==> flow/design.v <==
module plus_mod #(
    parameter WD = 40
) (
    input clk_i,
    input rst_ni,
    input [WD-1:0] first,
    input [WD-1:0] second,
    input [WD-1:0] third,
    output [WD+1:0] result
);
    reg [WD+1:0] result_reg;
    always @(posedge clk_i) begin
        if (!rst_ni) begin
            result_reg <= 0;
        end else begin
            result_reg <= first + second + third;
        end
    end
    assign result = result_reg;
endmodule
== Reports on plus_mod ==
Tool output for the design above, in the order of the flow.
Line numbers count from 1 in the design file above.
Operators carry their Yosys type and port widths (W data, S select, Z words).
The mark -- stands for no value.
Set-up
  top module: plus_mod
  clock input: clk_i
  cell library: sky130hd
  timing corner: tt_025C_1v80

== Word-level counts ==
Source: Yosys, flattened and elaborated, memories not mapped. Widths are those after wreduce; folded enables and synchronous resets count as part of the registers. Registers that Yosys merges into a memory's read port (data or address) are not register bits. Print and check cells do not count. Equal cells are merged and count once.
Word-level totals
  elaborated cells: 3
  bits in registers: 42
  output and inout bits: 42
  input bits: 122
Cells by class
  add/subtract/negate cells: 2
Operators by type and width (count)
  $add A41 B40 Y42: 1
  $add A40 B40 Y41: 1

== Depth ==
Yosys ltp: most cells in a row. Word level: on the elaborated netlist, between registers, memories and ports. Mapped: between sequential cells and ports; inverters and the memories' decode and read muxes count.
Depth
  depth in word-level cells: 2
  ABC_AREA: 0
  gate-level depth with buffers: 12
  gate-level depth less buffers: 12

== Synthesis result ==
Source: synth_stat.txt of the flow (Yosys; design flattened, memories mapped). It holds for the ABC_AREA given above (unset counts as 0); a run with the other value may have another netlist.
Mapped netlist
  standard cells after synthesis: 500
  mapped area: 4336.7 um2
  buffer cells: 23
  sequential area: 840.8 um2
  flip-flops: 42
Cell types (count)
  sky130_fd_sc_hd__dfxtp_1: 42
  sky130_fd_sc_hd__fa_1: 41
  sky130_fd_sc_hd__ha_1: 39
  sky130_fd_sc_hd__a21oi_1: 45
  sky130_fd_sc_hd__nand2_1: 51
  sky130_fd_sc_hd__and2_1: 25
  sky130_fd_sc_hd__o21ai_0: 29
  sky130_fd_sc_hd__xnor2_1: 15
  sky130_fd_sc_hd__nor2_1: 33
  sky130_fd_sc_hd__a21o_1: 16
  sky130_fd_sc_hd__nand4_1: 19
  sky130_fd_sc_hd__clkbuf_1: 21
  sky130_fd_sc_hd__xor2_1: 9
  sky130_fd_sc_hd__mux2i_1: 7
  sky130_fd_sc_hd__o211ai_1: 8
  sky130_fd_sc_hd__inv_1: 14
  sky130_fd_sc_hd__a31oi_1: 8
  sky130_fd_sc_hd__nand2b_1: 8
Not listed: further types 37, cells in them 70.

== Worst setup path after synthesis ==
Path of least setup slack by OpenSTA after synthesis, without wires, with an ideal clock, recovery checks aside; 20% of the period is set as input and as output delay. Where synthesis merged equal registers, the netlist keeps one of their names.
Timing post-synthesis
  path type: in2reg
  start point: input port first[1]
  end point: register result_reg[41]
  path slack: 0.665 ns
  period: 4.17 ns
  data arrival time: 3.426 ns
  buffers on the path: 0
  stages on the path: 10
  library setup time: 0.079 ns
  external input delay: 0.834 ns
  delay of the path: 2.671 ns
  synthesis period reached: 3.505 ns
"delay of the path" = arrival - input delay + setup time.
"stages on the path" counts driving pins, that of a launching flip-flop among them; a cell with two outputs on the path counts twice.
"synthesis period reached" is the clock period less the worst setup slack; recovery checks do not enter. This is arithmetic on one report: input and output delays are still those of the set period (20% each).
The rows between start and end are the longest chain of elaborated cells between them; the timing report does not say that the signal goes this way. Where chains are equally long, one stands for them.
A line is the first line of the expression or statement that the cell stems from. Yosys adds cells for indexed reads and writes and turns some case tables into memories.
On the way, post-synthesis
  path through: sky130_fd_sc_hd__fa_1 -> sky130_fd_sc_hd__ha_1 -> sky130_fd_sc_hd__fa_1 -> sky130_fd_sc_hd__a21oi_1 -> sky130_fd_sc_hd__o211ai_2 -> sky130_fd_sc_hd__a31oi_2 -> sky130_fd_sc_hd__o41a_1 -> sky130_fd_sc_hd__o21a_2 -> sky130_fd_sc_hd__o311a_1 -> sky130_fd_sc_hd__a211oi_2
  length of the longest elaborated chain: 2
  elaborated cells on any way between the ends: 2
  source lines of those cells: 1
Ends and longest elaborated chain, post-synthesis
  from (decl): RTL line 6  | input [WD-1:0] first,
  $add A40 B40 Y41: RTL line 16  | result_reg <= first + second + third;
  $add A41 B40 Y42: RTL line 16
  to (assign): RTL line 14  | result_reg <= 0;
  to (assign): RTL line 16
  to (decl): RTL line 11  | reg [WD+1:0] result_reg;

== Path in the finished layout ==
Path of least setup slack in the final report of record 3 (OpenROAD, finished layout, wires in). Where an end is a register, its clock arrival counts in the times.
Timing post-layout
  path type: in2reg
  start point: input port first[1]
  end point: register result_reg[39]
  path slack: 0.41 ns
  period: 4.17 ns
  library setup time: 0.11 ns
  stages on the path: 11
  data arrival time: 3.95 ns
  buffers on the path: 1
  external input delay: 0.83 ns
The rows between start and end are the longest chain of elaborated cells between them; the timing report does not say that the signal goes this way. Where chains are equally long, one stands for them.
On the way, post-layout
  path through: sky130_fd_sc_hd__clkdlybuf4s50_1 -> sky130_fd_sc_hd__fa_1 -> sky130_fd_sc_hd__ha_1 -> sky130_fd_sc_hd__fa_1 -> sky130_fd_sc_hd__a21oi_1 -> sky130_fd_sc_hd__o211ai_2 -> sky130_fd_sc_hd__nand4_1 -> sky130_fd_sc_hd__a31oi_1 -> sky130_fd_sc_hd__a21oi_1 -> sky130_fd_sc_hd__o221ai_1 -> sky130_fd_sc_hd__mux2i_1
  length of the longest elaborated chain: 2
  elaborated cells on any way between the ends: 2
  source lines of those cells: 1
Ends and longest elaborated chain, post-layout
  from (decl): RTL line 6  | input [WD-1:0] first,
  $add A40 B40 Y41: RTL line 16  | result_reg <= first + second + third;
  $add A41 B40 Y42: RTL line 16
  to (assign): RTL line 14  | result_reg <= 0;
  to (assign): RTL line 16
  to (decl): RTL line 11  | reg [WD+1:0] result_reg;

Module plus_mod, platform sky130hd: 3 stored runs of the flow (Yosys, OpenROAD) with differing settings, in no particular order. Input and output delays are each 20% of the period that was set; the output load is 0.01 pF.
"achieved clock period (ns)" = clock period - worst setup slack. The figure is calculated, with input and output delays left at 20% of the set period.
"worst setup path time (ns)" means the part of the period allowed to the worst setup path (the constraints hold back 20% at inputs and 20% at outputs) less its slack; where the path has registers, the arrival times of their clocks count too.
"finish__power__total" rests on the timing tool's default activity at the inputs, not on a simulated workload.

Flow files of record 1
==> flow/run.sh <==
#!/bin/bash
# the make line also repeats the synthesis and layout settings of config.mk as NAME=value (left out here)
make -C /OpenROAD-flow-scripts/flow DESIGN_CONFIG=/design/flow/config.mk WORK_HOME=/design/flow/orfs CLKGATE_MAP_FILE= finish
==> flow/config.mk <==
export PLATFORM = sky130hd
export DESIGN_NAME = plus_mod
export DESIGN_NICKNAME = plus_mod
export VERILOG_FILES = /design/flow/design.v
export SDC_FILE = /design/flow/constraint.sdc
export NUM_CORES = 4
export LEC_CHECK = 0
export CAP_MARGIN = 20
export CELL_PAD_IN_SITES_DETAIL_PLACEMENT = 1
export CORE_MARGIN = 2
export CORE_UTILIZATION = 59
export CTS_CLUSTER_DIAMETER = 37
export CTS_CLUSTER_SIZE = 79
export SETUP_SLACK_MARGIN = -0.24
export SLEW_MARGIN = 20
export TNS_END_PERCENT = 5
==> flow/constraint.sdc <==
create_clock -name core_clock -period 2.74 [get_ports {clk_i}]
set_input_delay 0.5480 -clock core_clock [delete_from_list [all_inputs] [get_ports {clk_i}]]
set_output_delay 0.5480 -clock core_clock [all_outputs]
set_load 0.01 [all_outputs]

report of record 1: did not finish, place, DPL-0033

Flow files of record 2
==> flow/run.sh <==
#!/bin/bash
# the make line also repeats the synthesis and layout settings of config.mk as NAME=value (left out here)
make -C /OpenROAD-flow-scripts/flow DESIGN_CONFIG=/design/flow/config.mk WORK_HOME=/design/flow/orfs CLKGATE_MAP_FILE= finish
==> flow/config.mk <==
export PLATFORM = sky130hd
export DESIGN_NAME = plus_mod
export DESIGN_NICKNAME = plus_mod
export VERILOG_FILES = /design/flow/design.v
export SDC_FILE = /design/flow/constraint.sdc
export NUM_CORES = 4
export LEC_CHECK = 0
export ABC_AREA = 1
export CAP_MARGIN = 20
export CELL_PAD_IN_SITES_GLOBAL_PLACEMENT = 2
export CORE_MARGIN = 2
export CORE_UTILIZATION = 72
export CTS_CLUSTER_SIZE = 82
export GPL_ROUTABILITY_DRIVEN = 1
export PLACE_DENSITY_LB_ADDON = 0.1
export SLEW_MARGIN = 20
==> flow/constraint.sdc <==
create_clock -name core_clock -period 6.05 [get_ports {clk_i}]
set_input_delay 1.2100 -clock core_clock [delete_from_list [all_inputs] [get_ports {clk_i}]]
set_output_delay 1.2100 -clock core_clock [all_outputs]
set_load 0.01 [all_outputs]

report of record 2: did not finish, place, FLW-0024

Flow files of record 3
==> flow/run.sh <==
#!/bin/bash
# the make line also repeats the synthesis and layout settings of config.mk as NAME=value (left out here)
make -C /OpenROAD-flow-scripts/flow DESIGN_CONFIG=/design/flow/config.mk WORK_HOME=/design/flow/orfs CLKGATE_MAP_FILE= finish
==> flow/config.mk <==
export PLATFORM = sky130hd
export DESIGN_NAME = plus_mod
export DESIGN_NICKNAME = plus_mod
export VERILOG_FILES = /design/flow/design.v
export SDC_FILE = /design/flow/constraint.sdc
export NUM_CORES = 4
export LEC_CHECK = 0
export CAP_MARGIN = 20
export CORE_MARGIN = 2
export CORE_UTILIZATION = 40
export SLEW_MARGIN = 20
==> flow/constraint.sdc <==
create_clock -name core_clock -period 4.17 [get_ports {clk_i}]
set_input_delay 0.8340 -clock core_clock [delete_from_list [all_inputs] [get_ports {clk_i}]]
set_output_delay 0.8340 -clock core_clock [all_outputs]
set_load 0.01 [all_outputs]

report of record 3
yosys chip area after synthesis (um^2): 4336.7
finish__design__die__area: 11691.0
finish__design__instance__utilization: 0.5837
finish__timing__setup__ws: 0.414
finish__timing__setup__tns: 0.000
finish__timing__hold__ws: 1.114
finish__power__total: 2.296e-03
achieved clock period (ns): 3.756
worst setup path time (ns): 2.92
worst setup path kind: in2reg
